==> flow/design.v <==
module multiplier #(
  parameter DWIDTH = 16
) (
  input ck,
  input reset,
  input signed [DWIDTH-1:0] src1_i,
  input signed [DWIDTH-1:0] src2_i,
  output signed [2*DWIDTH-1:0] out_o
);
  reg signed [DWIDTH-1:0] src1_reg;
  always @(posedge ck or posedge reset) begin
    if (reset) begin
      src1_reg <= 0;
    end else begin
      src1_reg <= src1_i;
    end
  end
  reg signed [DWIDTH-1:0] src2_reg;
  always @(posedge ck or posedge reset) begin
    if (reset) begin
      src2_reg <= 0;
    end else begin
      src2_reg <= src2_i;
    end
  end
  assign out_o = src1_reg * src2_reg;
endmodule
# [Tool chain data of multiplier]
# The steps from the RTL of multiplier to its reports follow in flow order.
# Lines are those of the file above, counted from 1.
# Cell names lack the library's common part.
# The mark - stands for no value.
[design] top_module="multiplier" clock="ck" library="sky130hd" lib_corner="tt_025C_1v80"

# [Word-level counts]
# Source: Yosys, flattened and elaborated, memories not mapped. Widths are those after wreduce; folded enables and synchronous resets count as part of the registers. Registers that Yosys merges into a memory's read port (data or address) are not register bits. Print and check cells do not count. Equal cells are merged and count once.
[word_totals] register_bits=32 wordCells=3
[classes] n_mul=1
[ops] op="16-bit by 16-bit multiplier with 32-bit output" n=1

# [Longest topological paths]
# Depth = most cells in a row (Yosys ltp): at word level without a register or memory, in the mapped netlist without a sequential cell, where the memories' decode and read muxes count.
[logic_depth] depth_word=1 abc_area=0 mapped_depth=23 ltp_nobuf=21

# [After synthesis]
# Yosys stat after the flow's synthesis: flattened, memories mapped to cells. It holds for the ABC_AREA given above (unset counts as 0); a run with the other value may have another netlist.
# Totals and module areas in this step are rounded.
[synth_totals] cell_count=1126 mapped_area_um2=11000 ffs=32 buffers=36
[types] type="fa_1" n=262 area_total_um2=5245.03
[types] type="inv_1" n=293 area_total_um2=1.1E+03
[types] type="ha_1" n=82 area_total_um2=1.03E+03
[types] type="dfrtp_1" n=32 area_total_um2=800.768
[types] type="and2_1" n=123 area_total_um2=769.488
[types] type="nand2_1" n=130 area_total_um2=487.968
[types] type="xnor2_1" n=25 area_total_um2=218.96
[types] type="a21o_1" n=17 area_total_um2=127.622
[types] type="clkbuf_1" n=34 area_total_um2=127.622
[types] type="xor2_1" n=12 area_total_um2=105.101
[types] type="a21oi_1" n=18 area_total_um2=90.086
[types] type="nor2_1" n=23 area_total_um2=86.333
[types] type="o21ai_0" n=9 area_total_um2=45.043
[types] type="nor3_1" n=8 area_total_um2=40.038
[types] type="a211oi_2" n=3 area_total_um2=37.536
[types] type="nand4_1" n=6 area_total_um2=37.536
[types] type="nand3_1" n=7 area_total_um2=35.034
[types] type="a31oi_1" n=5 area_total_um2=31.28
# Other cell types: 21; their cells: 37.

# [Timing after synthesis]
# Path of least setup slack by OpenSTA after synthesis, without wires, with an ideal clock, recovery checks aside; 20% of the period is set as input and as output delay. Where synthesis merged equal registers, the netlist keeps one of their names.
[synth_path] path_type="reg-to-output" from="register src1_reg[15]" to="output port out_o[29]" tclk_ns=9.35 out_delay_ns=1.870 launch_ns=0.000 arrival_time_ns=5.981 t_required_ns=7.480 path_slack_ns=1.499 path_delay_ns=5.981 driving_pins=21 synth_period_reached_ns=7.851
# "path_delay_ns" is the arrival time less input delay plus setup time.
# At an output port there is no setup time.
# "driving_pins" counts driving pins, that of a launching flip-flop among them; a cell with two outputs on the path counts twice.
# "synth_period_reached_ns" is the clock period less the worst setup slack; recovery checks do not enter. This is arithmetic on one report: input and output delays are still those of the set period (20% each).
# Between the ends stands the longest chain of elaborated cells between them, by number of cells; it is not shown to be the way that was timed. Of several equally long chains one is given.
# A line is the first line of the expression or statement that the cell stems from. Yosys adds cells for indexed reads and writes and turns some case tables into memories.
[synth_between] cell_sequence="dfrtp_1 clkbuf_1 nand2_1 inv_1 fa_1 fa_1 fa_1 fa_1 fa_1 inv_1 fa_1 inv_1 ha_1 a21o_1 a21o_1 a21o_1 a21o_1 a211oi_2 o21bai_1 a221oi_2 xnor2_1" elab_chain_cells=1 cells_between=1
[synth_lines] item="start, declared" line=10 rtl="reg signed [DWIDTH-1:0] src1_reg;"
[synth_lines] item="start, assigned" line=13 rtl="src1_reg <= 0;"
[synth_lines] item="start, assigned" line=15 rtl="src1_reg <= src1_i;"
[synth_lines] item="16-bit by 16-bit multiplier with 32-bit output" line=26 rtl="assign out_o = src1_reg * src2_reg;"
[synth_lines] item="end, declared" line=8 rtl="output signed [2*DWIDTH-1:0] out_o"

# [Worst path after layout]
# From the final timing report of flow run 1: the path of least setup slack in the routed layout; clock arrival at registers is part of the times.
[layout_path] path_type="reg-to-output" from="register src1_reg[15]" to="output port out_o[30]" tclk_ns=5.2 out_delay_ns=1.04 launch_ns=0.27 arrival_time_ns=6.29 t_required_ns=4.16 path_slack_ns=-2.13 driving_pins=24
# Between the ends stands the longest chain of elaborated cells between them, by number of cells; it is not shown to be the way that was timed. Of several equally long chains one is given.
[layout_between] cell_sequence="dfrtp_2 buf_12 nand2_4 inv_4 fa_2 buf_12 buf_4 fa_2 fa_2 fa_2 fa_1 inv_1 fa_1 inv_1 ha_4 and3_1 o21ai_0 nand3_2 o41ai_4 buf_4 o2111ai_4 a21oi_2 xnor2_1 buf_2" elab_chain_cells=1 cells_between=1
[layout_lines] item="start, declared" line=10 rtl="reg signed [DWIDTH-1:0] src1_reg;"
[layout_lines] item="start, assigned" line=13 rtl="src1_reg <= 0;"
[layout_lines] item="start, assigned" line=15 rtl="src1_reg <= src1_i;"
[layout_lines] item="16-bit by 16-bit multiplier with 32-bit output" line=26 rtl="assign out_o = src1_reg * src2_reg;"
[layout_lines] item="end, declared" line=8 rtl="output signed [2*DWIDTH-1:0] out_o"

Ticket comment

Below are 3 stored runs of the flow (Yosys, OpenROAD; platform sky130hd) on multiplier, each with its settings and what was measured, unordered. Constraints: input delay and output delay 20% of the set period each, output load 0.01 pF.
"achievedPeriod_ns" means the clock period less the worst setup slack. The figure is calculated, with input and output delays left at 20% of the set period.
"worst_setup_path_time_ns" means the part of the period allowed to the worst setup path (the constraints hold back 20% at inputs and 20% at outputs) less its slack; where the path has registers, the arrival times of their clocks count too.
Measured values are rounded.

[flow] flow run 1: files
==> flow/run.sh <==
#!/bin/bash
# the make line also repeats the synthesis and layout settings of config.mk as NAME=value (left out here)
make -C /OpenROAD-flow-scripts/flow DESIGN_CONFIG=/design/flow/config.mk WORK_HOME=/design/flow/orfs CLKGATE_MAP_FILE= finish
==> flow/config.mk <==
export PLATFORM = sky130hd
export DESIGN_NAME = multiplier
export DESIGN_NICKNAME = multiplier
export VERILOG_FILES = /design/flow/design.v
export SDC_FILE = /design/flow/constraint.sdc
export NUM_CORES = 4
export LEC_CHECK = 0
export CAP_MARGIN = 20
export CORE_ASPECT_RATIO = 0.57
export CORE_MARGIN = 2
export CORE_UTILIZATION = 65
export CTS_CLUSTER_SIZE = 93
export GPL_TIMING_DRIVEN = 1
export PLACE_DENSITY = 0.35
export SLEW_MARGIN = 20
==> flow/constraint.sdc <==
create_clock -name core_clock -period 5.2 [get_ports {ck}]
set_input_delay 1.0400 -clock core_clock [delete_from_list [all_inputs] [get_ports {ck}]]
set_output_delay 1.0400 -clock core_clock [all_outputs]
set_load 0.01 [all_outputs]

[flow] flow run 1: metrics
[metrics] total_negative_slack_ns = -39
[metrics] post_route_stdcell_area_um2 = 14000
[metrics] dieArea_um2 = 18000
[metrics] timing.setup.ws_ns = -2.1
[metrics] ys_area_um2 = 11000
[metrics] achievedPeriod_ns = 7.327
[metrics] worst_setup_path_time_ns = 6.29
[metrics] timing.worst_path_kind = reg-to-output

[flow] flow run 2: files
==> flow/run.sh <==
#!/bin/bash
# the make line also repeats the synthesis and layout settings of config.mk as NAME=value (left out here)
make -C /OpenROAD-flow-scripts/flow DESIGN_CONFIG=/design/flow/config.mk WORK_HOME=/design/flow/orfs CLKGATE_MAP_FILE= finish
==> flow/config.mk <==
export PLATFORM = sky130hd
export DESIGN_NAME = multiplier
export DESIGN_NICKNAME = multiplier
export VERILOG_FILES = /design/flow/design.v
export SDC_FILE = /design/flow/constraint.sdc
export NUM_CORES = 4
export LEC_CHECK = 0
export CAP_MARGIN = 20
export CORE_MARGIN = 2
export CORE_UTILIZATION = 40
export SLEW_MARGIN = 20
==> flow/constraint.sdc <==
create_clock -name core_clock -period 9.35 [get_ports {ck}]
set_input_delay 1.8700 -clock core_clock [delete_from_list [all_inputs] [get_ports {ck}]]
set_output_delay 1.8700 -clock core_clock [all_outputs]
set_load 0.01 [all_outputs]

[flow] flow run 2: metrics
[metrics] total_negative_slack_ns = 0.000
[metrics] post_route_stdcell_area_um2 = 12000
[metrics] dieArea_um2 = 28000
[metrics] timing.setup.ws_ns = 0.30
[metrics] ys_area_um2 = 11000
[metrics] achievedPeriod_ns = 9.053
[metrics] worst_setup_path_time_ns = 7.18
[metrics] timing.worst_path_kind = reg-to-output

[flow] flow run 3: files
==> flow/run.sh <==
#!/bin/bash
# the make line also repeats the synthesis and layout settings of config.mk as NAME=value (left out here)
make -C /OpenROAD-flow-scripts/flow DESIGN_CONFIG=/design/flow/config.mk WORK_HOME=/design/flow/orfs CLKGATE_MAP_FILE= finish
==> flow/config.mk <==
export PLATFORM = sky130hd
export DESIGN_NAME = multiplier
export DESIGN_NICKNAME = multiplier
export VERILOG_FILES = /design/flow/design.v
export SDC_FILE = /design/flow/constraint.sdc
export NUM_CORES = 4
export LEC_CHECK = 0
export CAP_MARGIN = 20
export CELL_PAD_IN_SITES_DETAIL_PLACEMENT = 0
export CORE_MARGIN = 2
export CORE_UTILIZATION = 55
export CTS_CLUSTER_SIZE = 88
export GPL_TIMING_DRIVEN = 1
export SETUP_SLACK_MARGIN = -0.33
export SLEW_MARGIN = 20
==> flow/constraint.sdc <==
create_clock -name core_clock -period 4.56 [get_ports {ck}]
set_input_delay 0.9120 -clock core_clock [delete_from_list [all_inputs] [get_ports {ck}]]
set_output_delay 0.9120 -clock core_clock [all_outputs]
set_load 0.01 [all_outputs]

[flow] flow run 3: metrics
[metrics] total_negative_slack_ns = -54
[metrics] post_route_stdcell_area_um2 = 15000
[metrics] dieArea_um2 = 21000
[metrics] timing.setup.ws_ns = -2.5
[metrics] ys_area_um2 = 11000
[metrics] achievedPeriod_ns = 7.095
[metrics] worst_setup_path_time_ns = 6.18
[metrics] timing.worst_path_kind = reg-to-output
